==> flow/design.v <==
module ex_compare #(
    parameter integer BITS = 10
) (
    input  aclk,
    input  [BITS-1:0] opa,
    input  [BITS-1:0] opb,
    output reg is_lt,
    output reg same
);
    reg [BITS-1:0] opa_r;
    reg [BITS-1:0] opb_r;
    reg [BITS:0] work_r;
    always @(posedge aclk) begin
        opa_r <= opa;
        opb_r <= opb;
        work_r <= {1'b0, opa_r} - {1'b0, opb_r};
        is_lt <= work_r[BITS];
        same <= ~|work_r[BITS-1:0];
    end
endmodule
Reports on ex_compare
Module ex_compare in several versions that differ in "BITS"; each step lists the members.
The file above is the member BITS 10. Line numbers count from 1 in each member's own file.
Operators carry their Yosys type and port widths (W data, S select, Z words).
Library cell names are shortened.
Not given: --
- top module: ex_compare
- clock port: aclk
- library: sky130hd
- library corner: tt_025C_1v80

Members of the sweep
Lines of each other member's file that are new or changed against the file above; lines that a member lacks are not shown.
- new or changed lines (BITS ; line ; RTL):
    20 ; 2 ; parameter integer BITS = 20
    96 ; 2 ; parameter integer BITS = 96
    128 ; 2 ; parameter integer BITS = 128

Word level
Counts by Yosys on the flattened word-level netlist (proc, flatten, opt, wreduce; memories kept). Register bits leave out memories and registers merged into their read ports (data or address); mux counts leave out enables and synchronous resets folded into registers. Print and check cells are left out. Cells with the same type and inputs are merged into one.
- cells by class (BITS ; $add $sub $neg ; reduce/logical cells):
    10 ; 1 ; 2
    20 ; 1 ; 2
    96 ; 1 ; 2
    128 ; 1 ; 2
- operators by type and width (BITS ; kind and count):
    10 ; $sub A10 B10 Y11 (1); $reduce_or A10 Y1 (1); $logic_not A1 Y1 (1)
    20 ; $sub A20 B20 Y21 (1); $reduce_or A20 Y1 (1); $logic_not A1 Y1 (1)
    96 ; $sub A96 B96 Y97 (1); $reduce_or A96 Y1 (1); $logic_not A1 Y1 (1)
    128 ; $sub A128 B128 Y129 (1); $reduce_or A128 Y1 (1); $logic_not A1 Y1 (1)
- bit counts (BITS ; register bits ; input bits ; output and inout port bits ; elaborated cells):
    10 ; 33 ; 21 ; 2 ; 8
    20 ; 63 ; 41 ; 2 ; 8
    96 ; 291 ; 193 ; 2 ; 8
    128 ; 387 ; 257 ; 2 ; 8

Logic depth
Depth = most cells in a row (Yosys ltp): at word level without a register or memory, in the mapped netlist without a sequential cell, where the memories' decode and read muxes count.
- logic depth (BITS ; depth in word-level cells ; ABC_AREA ; mapped depth):
    10 ; 2 ; 0 ; 9
    20 ; 2 ; 0 ; 9
    96 ; 2 ; 0 ; 14
    128 ; 2 ; 0 ; 15

Mapped cells and area
Yosys stat after the flow's synthesis: flattened, memories mapped to cells. It holds for the ABC_AREA given above (unset counts as 0); a run with the other value may have another netlist.
Totals and module areas in this step are rounded.
- synthesis totals (BITS ; cell count ; chip area (Yosys) (µm²) ; sequential area (µm²) ; flip-flop cells ; buffers):
    10 ; 98 ; 1150 ; 661 ; 33 ; 0
    20 ; 237 ; 2520 ; 1260 ; 63 ; 4
    96 ; 1316 ; 12200 ; 5830 ; 291 ; 47
    128 ; 1818 ; 16700 ; 7750 ; 387 ; 73
- cells by type (BITS ; types with counts):
    10 ; dfxtp_1 (33); ha_1 (10); inv_1 (13); a21oi_1 (7); xnor2_1 (4); a2111oi_4 (1); xor2_1 (3); fa_1 (1); a21o_1 (2); o21ai_0 (3); or4_1 (2); nor2b_1 (2); and3_4 (1); o21bai_2 (1); o21ai_1 (2); a21oi_2 (1); a41oi_1 (1); o31a_1 (1); [+10]
    20 ; dfxtp_1 (63); ha_1 (20); inv_1 (27); xnor2_1 (8); a21oi_1 (13); a21o_1 (7); xor2_1 (6); nor2_1 (12); nand2_1 (11); a21oi_4 (2); nor4_1 (5); a211oi_1 (4); a21oi_2 (3); o311ai_4 (1); nand2b_1 (4); o21ai_0 (5); o211ai_1 (3); a31oi_4 (1); [+42]
    96 ; dfxtp_1 (291); ha_1 (96); a21oi_1 (127); xnor2_1 (52); inv_1 (119); a21o_1 (52); nand2_1 (99); o21ai_0 (68); xor2_1 (37); nand4_1 (41); nor4_1 (30); nor2_1 (49); clkbuf_1 (41); o21bai_1 (17); nor3_1 (24); nand3_1 (21); and3_1 (16); nand2b_1 (15); [+121]
    128 ; dfxtp_1 (387); ha_1 (128); a21oi_1 (188); xnor2_1 (81); a21o_1 (90); inv_1 (164); o21ai_0 (101); nand4_1 (77); nand2_1 (106); xor2_1 (43); nor2_1 (99); o21bai_1 (40); nor4_1 (40); clkbuf_1 (53); nor3_1 (28); o21a_1 (15); buf_2 (20); nand2b_1 (14); [+144]
The mark [+n] counts cells that are not listed.

Timing after synthesis
Source: OpenSTA report_checks on the synthesized netlist (no wires, ideal clock, input and output delay 20% of the period each), path of least setup slack; recovery checks are left aside. Register names are those of the netlist, which keeps one name where synthesis merged equal registers.
- path post-synthesis (BITS ; path type ; start point ; end point ; period (ps) ; setup slack (ps) ; stages ; path delay (ps) ; synthesis period reached (ps)):
    10 ; register to register ; register opa_r[0] ; register work_r[8] ; 2340 ; 468 ; 10 ; 1872 ; 1872
    20 ; register to register ; register opa_r[0] ; register work_r[20] ; 2550 ; 508 ; 10 ; 2043 ; 2042
    96 ; register to register ; register opa_r[0] ; register work_r[94] ; 4370 ; 871 ; 15 ; 3499 ; 3499
    128 ; register to register ; register opa_r[0] ; register work_r[126] ; 4240 ; 849 ; 16 ; 3391 ; 3391
"path delay" is the arrival time less input delay plus setup time.
"stages" counts driving pins, that of a launching flip-flop among them; a cell with two outputs on the path counts twice.
"synthesis period reached" is the clock period less the worst setup slack; recovery checks do not enter. This is arithmetic on one report: input and output delays are still those of the set period (20% each).
Between the ends stands the longest chain of elaborated cells between them, by number of cells; it is not shown to be the way that was timed. Of several equally long chains one is given.
Each line given opens the expression or statement behind the cell; cells for indexed reads and writes are added by Yosys, which also makes memories of some case tables.
Between the ends, post-synthesis, BITS 10:
- noted cells in the longest elaborated chain: 1
- RTL lines, path post-synthesis, BITS 10 (item ; line ; RTL):
    start: declaration ; 10 ; reg [BITS-1:0] opa_r;
    start: assignment ; 14 ; opa_r <= opa;
    $sub A10 B10 Y11 ; 16 ; work_r <= {1'b0, opa_r} - {1'b0, opb_r};
    end: assignment ; 16 ;
    end: declaration ; 12 ; reg [BITS:0] work_r;
Between the ends, post-synthesis, BITS 128:
- noted cells in the longest elaborated chain: 1
- RTL lines, path post-synthesis, BITS 128 (item ; line ; RTL):
    start: declaration ; 10 ; reg [BITS-1:0] opa_r;
    start: assignment ; 14 ; opa_r <= opa;
    $sub A128 B128 Y129 ; 16 ; work_r <= {1'b0, opa_r} - {1'b0, opb_r};
    end: assignment ; 16 ;
    end: declaration ; 12 ; reg [BITS:0] work_r;

Timing after layout
From the final timing report of each member's run: the path of least setup slack in the routed layout; clock arrival at registers is part of the times.
The path's times are printed in steps of 10 ps; the period is the one set.
- path after layout (BITS ; path type ; start point ; end point ; period (ps) ; setup slack (ps) ; stages ; arrival (ps) ; buffers on the path):
    10 ; register to register ; register opa_r[0] ; register work_r[8] ; 2340 ; 330 ; 10 ; 2270 ; 0
    20 ; register to register ; register opa_r[0] ; register work_r[20] ; 2550 ; 310 ; 10 ; 2440 ; 0
    96 ; register to register ; register opa_r[0] ; register work_r[94] ; 4370 ; 420 ; 15 ; 4390 ; 0
    128 ; register to register ; register opa_r[0] ; register work_r[126] ; 4240 ; 310 ; 16 ; 4430 ; 0

Measured runs
Settings and results of one run of the flow (Yosys, OpenROAD) for each member follow. The constraints put input and output delay at 20% of the set period each and load the outputs with 0.01 pF.
- noted CAP_MARGIN: 20
- CORE_MARGIN: 2
- CORE_UTILIZATION at 40
- noted SLEW_MARGIN: 20
- settings that differ (BITS ; period_ns):
    10 ; 2.34
    20 ; 2.55
    96 ; 4.37
    128 ; 4.24
- final reports (BITS ; chip area after synthesis (Yosys) (µm²) ; die footprint (µm²) ; area of the standard cells in the finished layout (µm²) ; utilization after layout (%) ; smallest setup slack (ps) ; summed negative setup slack (ps) ; worst-case hold slack (ps) ; total power of the final layout (mW) ; period reached (ps)):
    10 ; 1150 ; 3330 ; 1470 ; 53.2 ; 327 ; 0 ; 336 ; 1.08 ; 2013
    20 ; 2520 ; 6950 ; 3170 ; 52.9 ; 309 ; 0 ; 330 ; 2.20 ; 2241
    96 ; 12200 ; 32000 ; 15500 ; 51.2 ; 420 ; 0 ; 381 ; 6.75 ; 3950
    128 ; 16700 ; 43400 ; 21200 ; 51.8 ; 313 ; 0 ; 342 ; 9.73 ; 3927
"period reached" = clock period - worst setup slack. The figure is calculated, with input and output delays left at 20% of the set period.
"total power of the final layout" rests on the timing tool's default activity at the inputs, not on a simulated workload.
Values from the reports are rounded here.
